==> flow/design.v <==
module dp_barrel_mod #(
   parameter W = 128,
   parameter LOGN = $clog2(W)
) (
   input wire core_clk,
   input wire resetn,
   input wire step,
   input wire [W-1:0] i_din,
   input wire [LOGN-1:0] i_n,
   input wire [1:0] i_kind,
   output reg [W-1:0] o_out
);
   reg [W-1:0] tmp;
   always @(*) begin
      case (i_kind)
         2'b00: tmp = i_din << i_n;
         2'b01: tmp = i_din >> i_n;
         2'b10: tmp = $signed(i_din) >>> i_n;
         default: tmp = i_din;
      endcase
   end
   always @(posedge core_clk) begin
      if (~resetn) begin
         o_out <= 0;
      end else if (step) begin
         o_out <= tmp;
      end
   end
endmodule
### From RTL to reports: dp_barrel_mod

What the tools print for dp_barrel_mod, step after step.
Lines are those of the file above, counted from 1.
Operators: Yosys type, input widths -> output width; for muxes data width and select width s.
A cell with - has no value.

* top module: dp_barrel_mod
* clock: core_clk
* library: sky130hd
* timing corner: tt_025C_1v80

### After elaboration

Counts by Yosys on the flattened word-level netlist (proc, flatten, opt, wreduce; memories kept). Register bits leave out memories and registers merged into their read ports (data or address); mux counts leave out enables and synchronous resets folded into registers. Print and check cells are left out. Cells with the same type and inputs are merged into one.

* elaborated cells: 8
* bits in latches: 0
* memory bits (writable): 0
* clocked read ports x word width: 0
* bits in read-only memories: 0
* register bits after elaboration: 128
* output and inout bits: 128
* memory cells: 0

* bitwise logic cells: 0
* mux-type cells: 1
* $add $sub $neg: 0
* reductions and logical operators: 1
* shift-type cells: 3
* divide/modulo/power cells: 0
* $lt $le $gt $ge: 0
* $mul: 0
* equal/unequal tests: 2

Operator list (count)
* $pmux 128 s3: 1
* $shl 128x7->128: 1
* $shr 128x7->128: 1
* $sshr 128x7->128: 1
* $eq 2x1->1 const B: 1
* $eq 2x2->1 const B: 1
* $logic_not 2->1: 1

### Logic depth

Yosys ltp: most cells in a row. Word level: on the elaborated netlist, between registers, memories and ports. Mapped: between sequential cells and ports; inverters and the memories' decode and read muxes count.

* word-level depth: 2
* ABC_AREA: 0
* mapped depth: 13
* depth with buffers taken out: 7

### Netlist

Source: synth_stat.txt of the flow (Yosys; design flattened, memories mapped). It holds for the ABC_AREA given above (unset counts as 0); a run with the other value may have another netlist.
Totals and module areas in this step are rounded.

* flip-flops: 128
* mapped area: 29300 um2
* sequential part of the area: 2560 um2
* mapped cells: 3243

Cells by type (count)
* sky130_fd_sc_hd__mux4_2: 412
* sky130_fd_sc_hd__mux2i_1: 279
* sky130_fd_sc_hd__mux2_2: 247
* sky130_fd_sc_hd__dfxtp_1: 128
* sky130_fd_sc_hd__o21ai_0: 234
* sky130_fd_sc_hd__nand2_1: 298
* sky130_fd_sc_hd__nor2_1: 270
* sky130_fd_sc_hd__clkbuf_1: 253
* sky130_fd_sc_hd__a21oi_1: 166
* sky130_fd_sc_hd__buf_2: 95
* sky130_fd_sc_hd__o211ai_1: 59
* sky130_fd_sc_hd__a211oi_1: 53
* sky130_fd_sc_hd__o22ai_1: 55
* sky130_fd_sc_hd__o221ai_1: 39
* sky130_fd_sc_hd__a22oi_1: 32
* sky130_fd_sc_hd__a221oi_1: 27
* sky130_fd_sc_hd__nor3_1: 47
* sky130_fd_sc_hd__buf_6: 18

Other cell types: 63; their cells: 531.

### Timing after synthesis

OpenSTA on the mapped netlist: ideal clock, no wires. The path of least setup slack (recovery checks aside). Input and output delay are each 20% of the period. Register names are those of the netlist, which keeps one name where synthesis merged equal registers.

* path kind: input to register
* start: input i_n[3]
* end: register o_out[31]
* path delay: 2542 ps
* launch time at the first pin: 794 ps
* data arrival time: 3209 ps
* path buffers: 3
* library setup time: 127 ps
* data required time: 3843 ps
* slack: 634 ps
* period: 3970 ps
* stages: 10
* synthesis period reached: 3336 ps

"path delay" = arrival - input delay + setup time.
"stages": output pins that drive a net of the path, with the launching flip-flop's if there is one; two outputs of one cell count as two.
"synthesis period reached" = period - worst setup slack (recovery checks aside). The figure is calculated, with input and output delays left at 20% of the set period.
Between the ends stands the longest chain of elaborated cells between them, by number of cells; it is not shown to be the way that was timed. Of several equally long chains one is given.
A line is the first line of the expression or statement that the cell stems from. Yosys adds cells for indexed reads and writes and turns some case tables into memories.

* path through: sky130_fd_sc_hd__clkbuf_1 > sky130_fd_sc_hd__buf_2 > sky130_fd_sc_hd__clkbuf_1 > sky130_fd_sc_hd__mux4_2 > sky130_fd_sc_hd__mux4_2 > sky130_fd_sc_hd__mux2i_2 > sky130_fd_sc_hd__nor3_1 > sky130_fd_sc_hd__o21bai_1 > sky130_fd_sc_hd__a2111oi_0 > sky130_fd_sc_hd__o21ai_1
* length of the longest elaborated chain: 2
* elaborated cells on any way between the ends: 4
* source lines of those cells: 4

RTL lines, path after synthesis
* start: declaration: line 9 `input wire [LOGN-1:0] i_n,`
* $sshr 128x7->128: line 18 `2'b10: tmp = $signed(i_din) >>> i_n;`
* $pmux 128 s3: line 15 `case (i_kind)`
* end: assignment: line 24 `o_out <= 0;`
* end: assignment: line 26 `o_out <= tmp;`
* end: declaration: line 11 `output reg [W-1:0] o_out`

### Timing after layout

From the final timing report of flow run A: the path of least setup slack in the routed layout; clock arrival at registers is part of the times.
The report prints the path's times to 10 ps; the period is as set.

* path kind: input to register
* start: input i_din[125]
* end: register o_out[69]
* stages: 9
* launch time at the first pin: 790 ps
* library setup time: 80 ps
* data required time: 4350 ps
* path buffers: 2
* slack: -210 ps
* data arrival time: 4560 ps
* period: 3970 ps

* path through: sky130_fd_sc_hd__clkdlybuf4s50_1 > sky130_fd_sc_hd__mux2i_1 > sky130_fd_sc_hd__mux4_2 > sky130_fd_sc_hd__o22a_1 > sky130_fd_sc_hd__a21o_1 > sky130_fd_sc_hd__o22ai_1 > sky130_fd_sc_hd__nor2_1 > sky130_fd_sc_hd__buf_4 > sky130_fd_sc_hd__o31ai_1

RTL lines, path after layout
* start: declaration: line 8 `input wire [W-1:0] i_din,`
* end: assignment: line 24 `o_out <= 0;`
* end: assignment: line 26 `o_out <= tmp;`
* end: declaration: line 11 `output reg [W-1:0] o_out`

Chain of elaborated cells between the ends: none given.

Design dp_barrel_mod on sky130hd. What follows are 3 stored runs of the flow, each under its own settings; their order means nothing. The constraints put input and output delay at 20% of the set period each and load the outputs with 0.01 pF.
"clock period reached" is the run's clock period less its worst setup slack. It is reckoned from that one timing run; input and output delays stay at 20% of the period that was set.
"time on the worst setup path" = time allowed to the worst setup path (clock period - input delay - output delay, where it has them) - its slack; a late launch clock adds to it, a late capture clock takes from it.
"total power of the final layout" rests on the timing tool's default activity at the inputs, not on a simulated workload.
"time on the worst setup path" is known to 10 ps.
Measured values are rounded.

### Flow run A

Settings: `period_ns=3.97`, `CAP_MARGIN=20`, `CORE_MARGIN=2`, `CORE_UTILIZATION=40`, `SLEW_MARGIN=20`

- Time on the worst setup path: 3390 ps
- Worst setup path type: input to register
- Yosys chip area after synthesis: 29300 um2
- Lowest hold slack: 457 ps
- Total power of the final layout: 11.0 mW
- Sum of negative setup slack: -510 ps
- Standard-cell area after layout: 39900 um2
- Setup slack of the critical path: -213 ps
- Overall die area: 75500 um2
- Post-route utilization: 54.8%
- Clock period reached: 4183 ps

### Flow run B

Settings: `period_ns=2.91`, `CORE_UTILIZATION=69`, `SETUP_SLACK_MARGIN=0.24`, `PLACE_DENSITY=0.4`, `GPL_ROUTABILITY_DRIVEN=0`, `CAP_MARGIN=20`, `CORE_MARGIN=2`, `SLEW_MARGIN=20`

No results, placement failed with DPL-0033.

### Flow run C

Settings: `period_ns=2.41`, `CORE_UTILIZATION=59`, `SETUP_SLACK_MARGIN=0.28`, `PLACE_DENSITY=0.69`, `CORE_MARGIN=6`, `CELL_PAD_IN_SITES_GLOBAL_PLACEMENT=3`, `TNS_END_PERCENT=55`, `ABC_AREA=0`, `CTS_CLUSTER_DIAMETER=354`, `CAP_MARGIN=10`, `SLEW_MARGIN=25`

No results, placement failed with GPL-0301.
